==> flow/design.v <==
module add_unit_v2 #(
  parameter DATA_WIDTH = 12,
  parameter SLICE = 6
) (
  input wire clock,
  input wire rstn,
  input wire step,
  input wire [DATA_WIDTH-1:0] first,
  input wire [DATA_WIDTH-1:0] second,
  input wire cin,
  output wire [DATA_WIDTH-1:0] out,
  output wire cy
);
  reg [DATA_WIDTH-1:0] first_r;
  reg [DATA_WIDTH-1:0] second_r;
  reg cin_r;
  localparam NG = DATA_WIDTH / SLICE;
  wire [DATA_WIDTH-1:0] nxt;
  wire [NG:0] c;
  assign c[0] = cin_r;
  genvar i;
  generate
    for (i = 0; i < NG; i = i + 1) begin : row
      wire [SLICE:0] s0 = first_r[i*SLICE +: SLICE] + second_r[i*SLICE +: SLICE];
      wire [SLICE:0] s1 = first_r[i*SLICE +: SLICE] + second_r[i*SLICE +: SLICE] + 1'b1;
      assign {c[i+1], nxt[i*SLICE +: SLICE]} = c[i] ? s1 : s0;
    end
  endgenerate
  assign out = nxt;
  assign cy = c[NG];
  always @(posedge clock or negedge rstn) begin
    if (!rstn) begin
      first_r <= 0;
      second_r <= 0;
      cin_r <= 1'b0;
    end else if (step) begin
      first_r <= first;
      second_r <= second;
      cin_r <= cin;
    end
  end
endmodule
# From RTL to reports: add_unit_v2
# Tool output for the design above, in the order of the flow.
# Lines are those of the file above, counted from 1.
# Operators: Yosys type, input widths -> output width; for muxes data width and select width s.
# Cell names lack the library's common part.
setup:
  top: "add_unit_v2"
  clock_port: "clock"
  library: "sky130hd"
  pvt_corner: "tt_025C_1v80"

# Word-level counts
# Source: Yosys, flattened and elaborated, memories not mapped. Widths are those after wreduce; folded enables and synchronous resets count as part of the registers. Registers that Yosys merges into a memory's read port (data or address) are not register bits. Print and check cells do not count. Equal cells are merged and count once.
word_totals:
  word_cells: 9
  regBits: 25
  in_bits: 28
classes:
  muxes: 2
  add_sub_neg: 4
ops:
  columns: ["operator", "n"]
  rows:
  - ["$add 6x6->7", 2]
  - ["$add 7x1->7 const B", 2]
  - ["$mux 7", 2]

# Depth
# Yosys ltp: most cells in a row. Word level: on the elaborated netlist, between registers, memories and ports. Mapped: between sequential cells and ports; inverters and the memories' decode and read muxes count.
depth:
  word_depth: 4
  ABC_AREA: 0
  mapped_depth: 10
  mapped_depth_nobuf: 10

# Mapped cells and area
# The flow's flattened synthesis, as Yosys stat reports it; memories are mapped. The netlist is that of the ABC_AREA named above (0 if unset); the other value can give another one.
# Totals and module areas in this step are rounded.
by_type:
  columns: ["cell_type", "n", "area_total_um2"]
  rows:
  - ["dfrtp_1", 25, 625.6]
  - ["mux2_2", 24, 270.259]
  - ["ha_1", 14, 175.168]
  - ["xnor2_1", 9, 78.826]
  - ["xor2_1", 8, 70.067]
  - ["fa_1", 2, 40.038]
  - ["a21oi_1", 6, 30.029]
  - ["nor2_1", 8, 30.029]
  - ["inv_1", 7, 26.275]
  - ["nand2_1", 7, 26.275]
  - ["nand4_2", 2, 25.024]
  - ["a21o_1", 3, 22.522]
  - ["o21ai_0", 4, 20.019]
  - ["and3_1", 3, 18.768]
  - ["nand4_1", 3, 18.768]
  - ["a21oi_4", 1, 16.266]
  - ["xor2_2", 1, 16.266]
  - ["a211oi_1", 2, 15.014]
# Other cell types: 7; their cells: 9.
synth_totals:
  mapped_cells: 138
  mapped_area_um2: 1590
  ffs: 25
  seq_area_um2: 626

# Worst setup path after synthesis
# Source: OpenSTA report_checks on the synthesized netlist (no wires, ideal clock, input and output delay 20% of the period each), path of least setup slack; recovery checks are left aside. Register names are those of the netlist, which keeps one name where synthesis merged equal registers.
synth_path:
  path_kind: "register -> output"
  start: "register first_r[0]"
  end: "output out[10]"
  driving_pins: 10
  output_delay_ps: 740
  arrival_time_ps: 2367
  path_slack_ps: 593
  required_ps: 2960
  n_path_buf: 0
  delay_ps: 2367
  clock_period_ps: 3700
  launch_ps: 0
  synth_period_reached_ps: 3107
# "delay_ps" is the arrival time less input delay plus setup time.
# At an output port there is no setup time.
# "driving_pins": output pins that drive a net of the path, with the launching flip-flop's if there is one; two outputs of one cell count as two.
# "synth_period_reached_ps" = period - worst setup slack (recovery checks aside). The figure is calculated, with input and output delays left at 20% of the set period.
# Between the ends stands the longest chain of elaborated cells between them, by number of cells; it is not shown to be the way that was timed. Of several equally long chains one is given.
# A line is the first line of the expression or statement that the cell stems from. Yosys adds cells for indexed reads and writes and turns some case tables into memories.
synth_between:
  cell_sequence: "dfrtp_1 -> ha_1 -> fa_1 -> a211oi_1 -> nor2_1 -> xor2_1 -> nand4_2 -> xor2_2 -> nand4_1 -> xnor2_1"
  elab_chain_cells: 4
  cone_cells: 4
synth_lines:
  columns: ["item", "line", "text"]
  rows:
  - ["start, declared", 14, "reg [DATA_WIDTH-1:0] first_r;"]
  - ["start, assigned", 33, "first_r <= 0;"]
  - ["start, assigned", 37, "first_r <= first;"]
  - ["$add 6x6->7", 25, "wire [SLICE:0] s1 = first_r[i*SLICE +: SLICE] + second_r[i*SLICE +: SLICE] + 1'b1;"]
  - ["$add 7x1->7", 25, null]
  - ["$mux 7 (2 in a row)", 26, "assign {c[i+1], nxt[i*SLICE +: SLICE]} = c[i] ? s1 : s0;"]
  - ["end, declared", 11, "output wire [DATA_WIDTH-1:0] out,"]

# Path in the finished layout
# From the final timing report of stored run 1: the path of least setup slack in the routed layout; clock arrival at registers is part of the times.
# The report prints the path's times to 10 ps; the period is as set.
layout_path:
  path_kind: "register -> output"
  start: "register first_r[0]"
  end: "output out[11]"
  launch_ps: 270
  output_delay_ps: 660
  arrival_time_ps: 2730
  clock_period_ps: 3290
  n_path_buf: 3
  driving_pins: 13
  required_ps: 2630
  path_slack_ps: -100
# Between the ends stands the longest chain of elaborated cells between them, by number of cells; it is not shown to be the way that was timed. Of several equally long chains one is given.
layout_between:
  cell_sequence: "dfrtp_1 -> ha_4 -> fa_2 -> a211oi_2 -> nor2_2 -> xor2_1 -> buf_4 -> nand4_4 -> xor2_4 -> buf_6 -> nand4_1 -> xnor2_2 -> buf_2"
  elab_chain_cells: 4
  cone_cells: 4
layout_lines:
  columns: ["item", "line", "text"]
  rows:
  - ["start, declared", 14, "reg [DATA_WIDTH-1:0] first_r;"]
  - ["start, assigned", 33, "first_r <= 0;"]
  - ["start, assigned", 37, "first_r <= first;"]
  - ["$add 6x6->7", 25, "wire [SLICE:0] s1 = first_r[i*SLICE +: SLICE] + second_r[i*SLICE +: SLICE] + 1'b1;"]
  - ["$add 7x1->7", 25, null]
  - ["$mux 7 (2 in a row)", 26, "assign {c[i+1], nxt[i*SLICE +: SLICE]} = c[i] ? s1 : s0;"]
  - ["end, declared", 11, "output wire [DATA_WIDTH-1:0] out,"]

# Design add_unit_v2 on sky130hd. What follows are 3 stored runs of the flow, each under its own settings; their order means nothing. The constraints put input and output delay at 20% of the set period each and load the outputs with 0.01 pF.
# By "period_reached_ps" is meant the clock period of the run minus its worst setup slack. This is arithmetic on one report: input and output delays are still those of the set period (20% each).
# By "worst_setup_path_time_ps" is meant the share of the clock period that the worst setup path is allowed (20% is reserved at inputs, 20% at outputs), minus its slack. Clock arrival times at its registers enter into it.
# "power_total_mw" rests on the timing tool's default activity at the inputs, not on a simulated workload.
# "worst_setup_path_time_ps" is given in steps of 10 ps.
# Results are given in rounded form.
runs:
  - name: "stored run 1"
    settings:
      period_ns: 3.29
      CORE_UTILIZATION: 30
      SETUP_SLACK_MARGIN: 0.38
      PLACE_DENSITY_LB_ADDON: 0.28
      CORE_ASPECT_RATIO: 1.18
      CELL_PAD_IN_SITES_GLOBAL_PLACEMENT: 2
      TNS_END_PERCENT: 35
      ABC_AREA: 0
      GPL_ROUTABILITY_DRIVEN: 1
      CTS_CLUSTER_DIAMETER: 368
      CAP_MARGIN: 15
      SLEW_MARGIN: 0
      MIN_ROUTING_LAYER: "met2"
      MAX_ROUTING_LAYER: "met5"
      CORE_MARGIN: 2
    results:
      power_total_mw: 1.24
      synthArea_um2: 1590
      stdcell_area_um2: 2400
      total_die_area_um2: 5910
      worst_setup_path_time_ps: 2730
      critical_path_type: "register -> output"
      period_reached_ps: 3390
      final_setup_tns_ps: -358
      util_pct: 47.3
      ws_setup_ps: -100
  - name: "stored run 2"
    settings:
      period_ns: 2.87
      CORE_UTILIZATION: 71
      SETUP_SLACK_MARGIN: 0.65
      PLACE_DENSITY_LB_ADDON: 0.26
      ABC_AREA: 1
      GPL_TIMING_DRIVEN: 0
      CTS_CLUSTER_SIZE: 82
      CAP_MARGIN: 20
      CORE_MARGIN: 2
      SLEW_MARGIN: 20
    outcome: "incomplete, routing halted on DPL-0033"
  - name: "stored run 3"
    settings:
      period_ns: 3.7
      CAP_MARGIN: 20
      CORE_MARGIN: 2
      CORE_UTILIZATION: 40
      SLEW_MARGIN: 20
    results:
      power_total_mw: 0.990
      synthArea_um2: 1590
      stdcell_area_um2: 2210
      total_die_area_um2: 4500
      worst_setup_path_time_ps: 2820
      critical_path_type: "register -> output"
      period_reached_ps: 3561
      final_setup_tns_ps: 0
      util_pct: 59.0
      ws_setup_ps: 139
